==> flow/design.v <==
module dp_summer_full_adder (
  input wire a,
  input wire b,
  input wire ci,
  output wire s,
  output wire co
);
  assign {co, s} = a + b + ci;
endmodule
module dp_summer #(
  parameter NBITS = 6
) (
  input ck,
  input i_rst_n,
  input ce,
  input [NBITS-1:0] arg0_i,
  input [NBITS-1:0] arg1_i,
  input carry_in_i,
  output reg [NBITS-1:0] result_o,
  output reg ovf_o
);
  wire [NBITS-1:0] t;
  wire [NBITS:0] cy;
  assign cy[0] = carry_in_i;
  genvar k;
  generate
    for (k = 0; k < NBITS; k = k + 1) begin : blk
      dp_summer_full_adder inst (.a(arg0_i[k]), .b(arg1_i[k]), .ci(cy[k]), .s(t[k]), .co(cy[k+1]));
    end
  endgenerate
  always @(posedge ck or negedge i_rst_n) begin
    if (!i_rst_n) begin
      result_o <= 0;
    end else if (ce) begin
      result_o <= t;
    end
  end
  always @(posedge ck or negedge i_rst_n) begin
    if (!i_rst_n) begin
      ovf_o <= 1'b0;
    end else if (ce) begin
      ovf_o <= cy[NBITS];
    end
  end
endmodule
Tool chain data of dp_summer. A sweep over "NBITS": the same steps for each member of the family. The RTL above is that of NBITS = 6; lines are counted from 1 in the file of the member named. Cell names lack the library's common part. The mark -- stands for no value.

Top: dp_summer. Clock input: ck. Cell library: sky130hd. Corner: tt_025C_1v80.

Source of the members. New or changed lines of each further member against the RTL above, in its own file; lines it lacks are not shown.

Lines new or changed: NBITS 16 (RTL line 11) `parameter NBITS = 16`; NBITS 20 (RTL line 11) `parameter NBITS = 20`; NBITS 40 (RTL line 11) `parameter NBITS = 40`; NBITS 112 (RTL line 11) `parameter NBITS = 112`.

After elaboration. Yosys after proc, flatten, opt, wreduce and memory -nomap, before mapping. Enables and synchronous resets that opt folds into registers are not counted as muxes. Memory bits, and registers merged into a memory's read port (data or address), are not among the register bits. Print and check cells are not counted. Equal cells are merged and count once.

Word-level totals: NBITS 6 (register bits after elaboration 7, bits of input ports 16, output and inout port bits 7, elaborated cells 14); NBITS 16 (register bits after elaboration 17, bits of input ports 36, output and inout port bits 17, elaborated cells 34); NBITS 20 (register bits after elaboration 21, bits of input ports 44, output and inout port bits 21, elaborated cells 42); NBITS 40 (register bits after elaboration 41, bits of input ports 84, output and inout port bits 41, elaborated cells 82); NBITS 112 (register bits after elaboration 113, bits of input ports 228, output and inout port bits 113, elaborated cells 226).

Operators by class ($add $sub $neg): NBITS 6 (12); NBITS 16 (32); NBITS 20 (40); NBITS 40 (80); NBITS 112 (224).

Operators by type and width (kinds with counts): NBITS 6 (adder 1 x 1 -> 2 bit (6); adder 2 x 1 -> 2 bit (6)); NBITS 16 (adder 1 x 1 -> 2 bit (16); adder 2 x 1 -> 2 bit (16)); NBITS 20 (adder 1 x 1 -> 2 bit (20); adder 2 x 1 -> 2 bit (20)); NBITS 40 (adder 1 x 1 -> 2 bit (40); adder 2 x 1 -> 2 bit (40)); NBITS 112 (adder 1 x 1 -> 2 bit (112); adder 2 x 1 -> 2 bit (112)).

Longest topological paths. Depth = most cells in a row (Yosys ltp): at word level without a register or memory, in the mapped netlist without a sequential cell, where the memories' decode and read muxes count.

Depth: NBITS 6 (word-level depth 7, ABC_AREA 0, mapped depth 10, depth with buffers taken out 10); NBITS 16 (word-level depth 17, ABC_AREA 0, mapped depth 20, depth with buffers taken out 20); NBITS 20 (word-level depth 21, ABC_AREA 0, mapped depth 24, depth with buffers taken out 24); NBITS 40 (word-level depth 41, ABC_AREA 0, mapped depth 44, depth with buffers taken out 44); NBITS 112 (word-level depth 113, ABC_AREA 0, mapped depth 116, depth with buffers taken out 116).

Synthesis result. Yosys stat after the flow's synthesis: flattened, memories mapped to cells. It holds for the ABC_AREA given above (unset counts as 0); a run with the other value may have another netlist.

Cell types (type and count): NBITS 6 (dfrtp_1 (7); fa_1 (6); mux2_4 (4); inv_1 (8); buf_6 (1); a21oi_1 (2); mux2i_1 (1); nor2_1 (2)); NBITS 16 (dfrtp_1 (17); fa_1 (16); mux2_4 (14); inv_1 (7); buf_6 (2); a21oi_1 (3); nor2_1 (3)); NBITS 20 (dfrtp_1 (21); fa_1 (20); mux2_2 (18); inv_1 (8); buf_6 (2); a21oi_1 (2); mux2i_1 (1); nor2_1 (2)); NBITS 40 (dfrtp_1 (41); fa_1 (40); mux2_4 (36); buf_12 (3); inv_1 (9); mux2_2 (2); mux2i_1 (2); buf_8 (1); buf_6 (1); a21oi_1 (1); nor2_1 (1)); NBITS 112 (dfrtp_1 (113); fa_1 (112); mux2_2 (76); mux2_4 (34); buf_6 (6); buf_2 (7); inv_1 (7); a21oi_1 (3); nor2_1 (3)).

Synthesis totals: NBITS 6 (cells in the netlist 31, cell area after synthesis 424.2 sq um, area of sequential cells 175.2 sq um, mapped flip-flops 7, buffers 1); NBITS 16 (cells in the netlist 62, cell area after synthesis 1031.0 sq um, area of sequential cells 425.4 sq um, mapped flip-flops 17, buffers 2); NBITS 20 (cells in the netlist 74, cell area after synthesis 1208.7 sq um, area of sequential cells 525.5 sq um, mapped flip-flops 21, buffers 2); NBITS 40 (cells in the netlist 137, cell area after synthesis 2538.7 sq um, area of sequential cells 1026.0 sq um, mapped flip-flops 41, buffers 5); NBITS 112 (cells in the netlist 361, cell area after synthesis 6591.3 sq um, area of sequential cells 2827.7 sq um, mapped flip-flops 113, buffers 13).

By module: a second synthesis without flattening, with its own total; a netlist apart from the flattened one above.

Second synthesis, totals: NBITS 6 (cell total of the unflattened synthesis 21, area (unflattened synthesis) 411.6 sq um); NBITS 16 (cell total of the unflattened synthesis 52, area (unflattened synthesis) 1006.0 sq um); NBITS 20 (cell total of the unflattened synthesis 64, area (unflattened synthesis) 1260.0 sq um); NBITS 40 (cell total of the unflattened synthesis 127, area (unflattened synthesis) 2529.9 sq um); NBITS 112 (cell total of the unflattened synthesis 351, area (unflattened synthesis) 6730.2 sq um).

Path before layout. OpenSTA on the mapped netlist: ideal clock, no wires. The path of least setup slack (recovery checks aside). Input and output delay are each 20% of the period. Register names are those of the netlist, which keeps one name where synthesis merged equal registers.

Timing after synthesis: NBITS 6 (path type input to register, from input arg0_i[0], to register result_o[5], clock period 3.77 ns, slack 0.605 ns, stages on the path 10, path delay 2.410 ns, synthesis period reached 3.165 ns); NBITS 16 (path type input to register, from input arg0_i[0], to register result_o[15], clock period 9.7 ns, slack 1.552 ns, stages on the path 20, path delay 6.208 ns, synthesis period reached 8.148 ns); NBITS 20 (path type input to register, from input arg0_i[0], to register result_o[19], clock period 12.1 ns, slack 1.953 ns, stages on the path 24, path delay 7.727 ns, synthesis period reached 10.147 ns); NBITS 40 (path type input to register, from input arg0_i[0], to register result_o[39], clock period 23.9 ns, slack 3.809 ns, stages on the path 44, path delay 15.311 ns, synthesis period reached 20.091 ns); NBITS 112 (path type input to register, from input arg0_i[0], to register result_o[111], clock period 66.7 ns, slack 10.697 ns, stages on the path 116, path delay 42.663 ns, synthesis period reached 56.003 ns).

"path delay" is the arrival time less input delay plus setup time. "stages on the path" counts driving pins, that of a launching flip-flop among them; a cell with two outputs on the path counts twice. "synthesis period reached" = period - worst setup slack (recovery checks aside). The figure is calculated, with input and output delays left at 20% of the set period. Between the ends stands the longest chain of elaborated cells between them, by number of cells; it is not shown to be the way that was timed. Of several equally long chains one is given. Each line given opens the expression or statement behind the cell; cells for indexed reads and writes are added by Yosys, which also makes memories of some case tables.

Between the ends, after synthesis, NBITS = 6:
The figure for cells in the longest elaborated chain is 7.

Ends and longest elaborated chain, after synthesis, NBITS = 6: from (decl) (RTL line 16) `input [NBITS-1:0] arg0_i,`; adder 1 x 1 -> 2 bit (RTL line 8) `assign {co, s} = a + b + ci;`; adder 2 x 1 -> 2 bit (6 in a row) (RTL line 8); to (assign) (RTL line 33) `result_o <= 0;`; to (assign) (RTL line 35) `result_o <= t;`; to (decl) (RTL line 19) `output reg [NBITS-1:0] result_o,`.

Between the ends, after synthesis, NBITS = 112:
The figure for cells in the longest elaborated chain is 113.

Ends and longest elaborated chain, after synthesis, NBITS = 112: from (decl) (RTL line 16) `input [NBITS-1:0] arg0_i,`; adder 1 x 1 -> 2 bit (RTL line 8) `assign {co, s} = a + b + ci;`; adder 2 x 1 -> 2 bit (112 in a row) (RTL line 8); to (assign) (RTL line 33) `result_o <= 0;`; to (assign) (RTL line 35) `result_o <= t;`; to (decl) (RTL line 19) `output reg [NBITS-1:0] result_o,`.

Path in the finished layout. Path of least setup slack in the final report of the run of each member (OpenROAD, finished layout, wires in). Where an end is a register, its clock arrival counts in the times.

Timing post-layout: NBITS 6 (path type input to register, from input arg0_i[0], to register result_o[5], clock period 3.77 ns, slack 0.31 ns, stages on the path 11, data arrival time 3.61 ns, buffers on the path 1); NBITS 16 (path type input to register, from input arg0_i[0], to register result_o[15], clock period 9.7 ns, slack 1.20 ns, stages on the path 21, data arrival time 8.72 ns, buffers on the path 1); NBITS 20 (path type input to register, from input arg0_i[0], to register result_o[19], clock period 12.1 ns, slack 1.52 ns, stages on the path 25, data arrival time 10.80 ns, buffers on the path 1); NBITS 40 (path type input to register, from input arg0_i[0], to register result_o[39], clock period 23.9 ns, slack 3.08 ns, stages on the path 45, data arrival time 21.03 ns, buffers on the path 1); NBITS 112 (path type input to register, from input arg0_i[0], to register result_o[111], clock period 66.7 ns, slack 8.55 ns, stages on the path 117, data arrival time 58.50 ns, buffers on the path 1).

Measured runs. Settings and results of one run of the flow (Yosys, OpenROAD) for each member follow. The constraints put input and output delay at 20% of the set period each and load the outputs with 0.01 pF.

CAP_MARGIN: 20. The entry for CORE_MARGIN reads 2. Under CORE_UTILIZATION stands 40. SLEW_MARGIN: 20.

Settings that differ (period_ns): NBITS 6 (3.77); NBITS 16 (9.7); NBITS 20 (12.1); NBITS 40 (23.9); NBITS 112 (66.7).

Measured results: NBITS 6 (area of the synthesized netlist 424.2 sq um, total die area 1337.0 sq um, standard-cell area after routing 668.1 sq um, final design utilization 69.4%, worst setup slack after layout 0.309 ns, total negative slack on setup checks 0.000 ns, worst-case hold slack 0.515 ns, power consumption 244.6 uW, achieved period 3.461 ns); NBITS 16 (area of the synthesized netlist 1031.0 sq um, total die area 2999.8 sq um, standard-cell area after routing 1589.0 sq um, final design utilization 64.7%, worst setup slack after layout 1.197 ns, total negative slack on setup checks 0.000 ns, worst-case hold slack 0.521 ns, power consumption 236 uW, achieved period 8.503 ns); NBITS 20 (area of the synthesized netlist 1208.7 sq um, total die area 3477.5 sq um, standard-cell area after routing 1893.1 sq um, final design utilization 67.5%, worst setup slack after layout 1.523 ns, total negative slack on setup checks 0.000 ns, worst-case hold slack 0.520 ns, power consumption 220.3 uW, achieved period 10.577 ns); NBITS 40 (area of the synthesized netlist 2538.7 sq um, total die area 6999.8 sq um, standard-cell area after routing 3907.5 sq um, final design utilization 62.6%, worst setup slack after layout 3.085 ns, total negative slack on setup checks 0.000 ns, worst-case hold slack 0.510 ns, power consumption 260.1 uW, achieved period 20.815 ns); NBITS 112 (area of the synthesized netlist 6591.3 sq um, total die area 17520.5 sq um, standard-cell area after routing 10785.3 sq um, final design utilization 67.4%, worst setup slack after layout 8.546 ns, total negative slack on setup checks 0.000 ns, worst-case hold slack 0.504 ns, power consumption 289.6 uW, achieved period 58.154 ns).

"achieved period" means the clock period less the worst setup slack. The figure is calculated, with input and output delays left at 20% of the set period. "power consumption" rests on the timing tool's default activity at the inputs, not on a simulated workload.
